==> flow/design.v <==
module mul_unit_n (clk, RSTN, opa_i, res_o);
   parameter XLEN = 48;
   parameter SCALE = 2731;
   localparam RW = XLEN + $clog2(SCALE + 1);
   input clk;
   input RSTN;
   input [XLEN-1:0] opa_i;
   output [RW-1:0] res_o;
   reg [XLEN-1:0] opa_r;
   always @(posedge clk) begin
      if (!RSTN) begin
         opa_r <= 0;
      end else begin
         opa_r <= opa_i;
      end
   end
   reg [RW-1:0] tmp;
   integer n;
   always @* begin
      tmp = 0;
      for (n = 0; n < RW - XLEN; n = n + 1)
         if ((SCALE >> n) & 1) tmp = tmp + (opa_r << n);
   end
   reg [RW-1:0] res_r;
   always @(posedge clk) begin
      if (!RSTN) begin
         res_r <= 0;
      end else begin
         res_r <= tmp;
      end
   end
   assign res_o = res_r;
endmodule
# Reports on mul_unit_n
# The steps from the RTL of mul_unit_n to its reports follow in flow order.
# Line numbers count from 1 in the design file above.
# Library cell names are shortened.
# Not given: -
[setup]
design = "mul_unit_n"
clk_port = "clk"
cell_library = "sky130hd"
lib_corner = "tt_025C_1v80"

# Word-level counts
# Source: Yosys, flattened and elaborated, memories not mapped. Widths are those after wreduce; folded enables and synchronous resets count as part of the registers. Registers that Yosys merges into a memory's read port (data or address) are not register bits. Print and check cells do not count. Equal cells are merged and count once.
[classes]
add_sub_neg = 6
[op_table]
columns = ["op", "count"]
rows = [
  ["58-bit by 59-bit adder with 60-bit output", 1],
  ["56-bit by 57-bit adder with 58-bit output", 1],
  ["54-bit by 55-bit adder with 56-bit output", 1],
  ["52-bit by 53-bit adder with 54-bit output", 1],
  ["50-bit by 51-bit adder with 52-bit output", 1],
  ["48-bit by 49-bit adder with 50-bit output", 1],
]
[word_totals]
regBits = 108
in_bits = 50
wordCells = 8

# Depth
# Yosys ltp: most cells in a row. Word level: on the elaborated netlist, between registers, memories and ports. Mapped: between sequential cells and ports; inverters and the memories' decode and read muxes count.
[logic_depth]
depth_word = 6
abc_area = 0
ltp_mapped = 19
depth_no_buf = 18

# Mapped cells and area
# Source: synth_stat.txt of the flow (Yosys; design flattened, memories mapped). It holds for the ABC_AREA given above (unset counts as 0); a run with the other value may have another netlist.
[mapped]
stdcells = 1175
synth_area_um2 = 11014.3
seq_area_um2 = 2162.1
ff_cells = 108
buffers = 32
[by_type]
columns = ["cell", "count", "area_total_um2"]
rows = [
  ["fa_1", 176, 3.52E+03],
  ["dfxtp_1", 108, 2.16E+03],
  ["ha_1", 99, 1.24E+03],
  ["inv_1", 261, 979.69],
  ["and2_1", 57, 356.592],
  ["a21o_1", 42, 315.302],
  ["a21oi_1", 63, 315.302],
  ["nor2_1", 67, 251.491],
  ["xnor2_1", 26, 227.718],
  ["nand2_1", 52, 195.187],
  ["o21ai_0", 36, 180.173],
  ["xor2_1", 18, 157.651],
  ["nand4_1", 20, 125.12],
  ["clkbuf_1", 27, 101.347],
  ["o21bai_1", 11, 82.579],
  ["and3_1", 10, 62.56],
  ["a211oi_1", 8, 60.058],
  ["o21a_1", 8, 60.058],
]
# Other cell types: 35; their cells: 86.

# Path before layout
# Path of least setup slack by OpenSTA after synthesis, without wires, with an ideal clock, recovery checks aside; 20% of the period is set as input and as output delay. Where synthesis merged equal registers, the netlist keeps one of their names.
[synth_path]
path_type = "register -> register"
startpoint = "register opa_r[13]"
endpoint = "register res_r[56]"
clock_period_ns = 5.98
t_first_pin_ns = 0.000
arrival_ns = 4.715
setup_slack_ns = 1.194
delay_ns = 4.787
stages = 20
path_buffers = 1
period_less_setup_slack_ns = 4.786
# "delay_ns" = arrival - input delay + setup time.
# "stages" counts driving pins, that of a launching flip-flop among them; a cell with two outputs on the path counts twice.
# "period_less_setup_slack_ns" is the clock period less the worst setup slack; recovery checks do not enter. This is arithmetic on one report: input and output delays are still those of the set period (20% each).
# The rows between start and end are the longest chain of elaborated cells between them; the timing report does not say that the signal goes this way. Where chains are equally long, one stands for them.
# Each line given opens the expression or statement behind the cell; cells for indexed reads and writes are added by Yosys, which also makes memories of some case tables.
[synth_via]
cell_sequence = "dfxtp_1 > inv_1 > fa_1 > inv_1 > fa_1 > inv_1 > fa_1 > fa_1 > inv_1 > ha_1 > and2_0 > clkbuf_2 > nand4_1 > o221a_2 > o21ai_2 > nand3_1 > o21ai_2 > a21oi_1 > o41ai_1 > mux2i_1"
elab_chain_cells = 6
cone_cells = 6
lines_between = 1
cone_classes = "add/sub: 6"
[synth_rtl]
columns = ["item", "line", "text"]
rows = [
  ["start, declared", 9, "reg [XLEN-1:0] opa_r;"],
  ["start, assigned", 12, "opa_r <= 0;"],
  ["start, assigned", 14, "opa_r <= opa_i;"],
  ["48-bit by 49-bit adder with 50-bit output", 22, "if ((SCALE >> n) & 1) tmp = tmp + (opa_r << n);"],
  ["50-bit by 51-bit adder with 52-bit output", 22, ""],
  ["52-bit by 53-bit adder with 54-bit output", 22, ""],
  ["54-bit by 55-bit adder with 56-bit output", 22, ""],
  ["56-bit by 57-bit adder with 58-bit output", 22, ""],
  ["58-bit by 59-bit adder with 60-bit output", 22, ""],
  ["end, assigned", 27, "res_r <= 0;"],
  ["end, assigned", 29, "res_r <= tmp;"],
  ["end, declared", 24, "reg [RW-1:0] res_r;"],
]

# Timing after layout
# From the final timing report of stored run 2: the path of least setup slack in the routed layout; clock arrival at registers is part of the times.
[layout_path]
path_type = "register -> register"
startpoint = "register opa_r[11]"
endpoint = "register res_r[38]"
clock_period_ns = 5.98
t_first_pin_ns = 0.37
arrival_ns = 5.69
setup_slack_ns = 0.52
stages = 19
path_buffers = 0
# The rows between start and end are the longest chain of elaborated cells between them; the timing report does not say that the signal goes this way. Where chains are equally long, one stands for them.
[layout_via]
cell_sequence = "dfxtp_1 > inv_1 > fa_1 > inv_1 > fa_1 > inv_1 > fa_1 > fa_1 > inv_1 > ha_1 > and3_1 > a41oi_1 > o221a_2 > o21ai_2 > o21a_1 > o21ai_0 > o21ai_0 > xnor2_1 > nor2_1"
elab_chain_cells = 6
cone_cells = 6
lines_between = 1
cone_classes = "add/sub: 6"
[layout_rtl]
columns = ["item", "line", "text"]
rows = [
  ["start, declared", 9, "reg [XLEN-1:0] opa_r;"],
  ["start, assigned", 12, "opa_r <= 0;"],
  ["start, assigned", 14, "opa_r <= opa_i;"],
  ["48-bit by 49-bit adder with 50-bit output", 22, "if ((SCALE >> n) & 1) tmp = tmp + (opa_r << n);"],
  ["50-bit by 51-bit adder with 52-bit output", 22, ""],
  ["52-bit by 53-bit adder with 54-bit output", 22, ""],
  ["54-bit by 55-bit adder with 56-bit output", 22, ""],
  ["56-bit by 57-bit adder with 58-bit output", 22, ""],
  ["58-bit by 59-bit adder with 60-bit output", 22, ""],
  ["end, assigned", 27, "res_r <= 0;"],
  ["end, assigned", 29, "res_r <= tmp;"],
  ["end, declared", 24, "reg [RW-1:0] res_r;"],
]

# Measured data: module mul_unit_n, platform sky130hd, 3 stored runs of the flow under differing settings, order arbitrary. Input and output delays are each 20% of the period that was set; the output load is 0.01 pF.
# "achieved_period_ns" = clock period - worst setup slack. The figure is calculated, with input and output delays left at 20% of the set period.
# "critical_path_time_ns" = time allowed to the worst setup path (clock period - input delay - output delay, where it has them) - its slack; a late launch clock adds to it, a late capture clock takes from it.
# "design_power_w": no workload was simulated; the value follows from the tool's default switching activity.

[[run]]
name = "stored run 1"
[run.settings]
period_ns = 8.96
CORE_UTILIZATION = 72
SETUP_SLACK_MARGIN = -0.48
PLACE_DENSITY = 0.67
CELL_PAD_IN_SITES_GLOBAL_PLACEMENT = 3
CELL_PAD_IN_SITES_DETAIL_PLACEMENT = 0
TNS_END_PERCENT = 5
ABC_AREA = 1
GPL_TIMING_DRIVEN = 0
GPL_ROUTABILITY_DRIVEN = 1
CTS_CLUSTER_SIZE = 54
CAP_MARGIN = 20
CORE_MARGIN = 2
SLEW_MARGIN = 20
[run.results]
outcome = "not finished: placement ended with error GPL-0301"

[[run]]
name = "stored run 2"
[run.settings]
period_ns = 5.98
CAP_MARGIN = 20
CORE_MARGIN = 2
CORE_UTILIZATION = 40
SLEW_MARGIN = 20
[run.results]
achieved_period_ns = 5.462
design.die.area_um2 = 28879.6
final_util_pct = 47.1
synth_chip_area_um2 = 11014.3
final_hold_ws_ns = 0.745
design_power_w = 0.006512
worst_setup_slack_ns = 0.518
post_route_stdcell_area_um2 = 12722.2
fin_tns_ns = 0.000
critical_path_time_ns = 5.46
worst_setup_path_type = "register -> register"

[[run]]
name = "stored run 3"
[run.settings]
period_ns = 5.18
CORE_UTILIZATION = 34
PLACE_DENSITY = 0.82
HOLD_SLACK_MARGIN = -0.05
CORE_MARGIN = 8
CELL_PAD_IN_SITES_GLOBAL_PLACEMENT = 2
TNS_END_PERCENT = 50
GPL_TIMING_DRIVEN = 0
GPL_ROUTABILITY_DRIVEN = 1
CTS_CLUSTER_DIAMETER = 93
CAP_MARGIN = 20
SLEW_MARGIN = 20
[run.results]
design.die.area_um2 = 38410.1
synth_chip_area_um2 = 11014.3
critical_path_time_ns = 4.97
worst_setup_path_type = "register -> register"
post_route_stdcell_area_um2 = 13654.3
fin_tns_ns = 0.000
achieved_period_ns = 4.971
design_power_w = 0.008176
final_util_pct = 42.4
final_hold_ws_ns = 0.600
worst_setup_slack_ns = 0.209
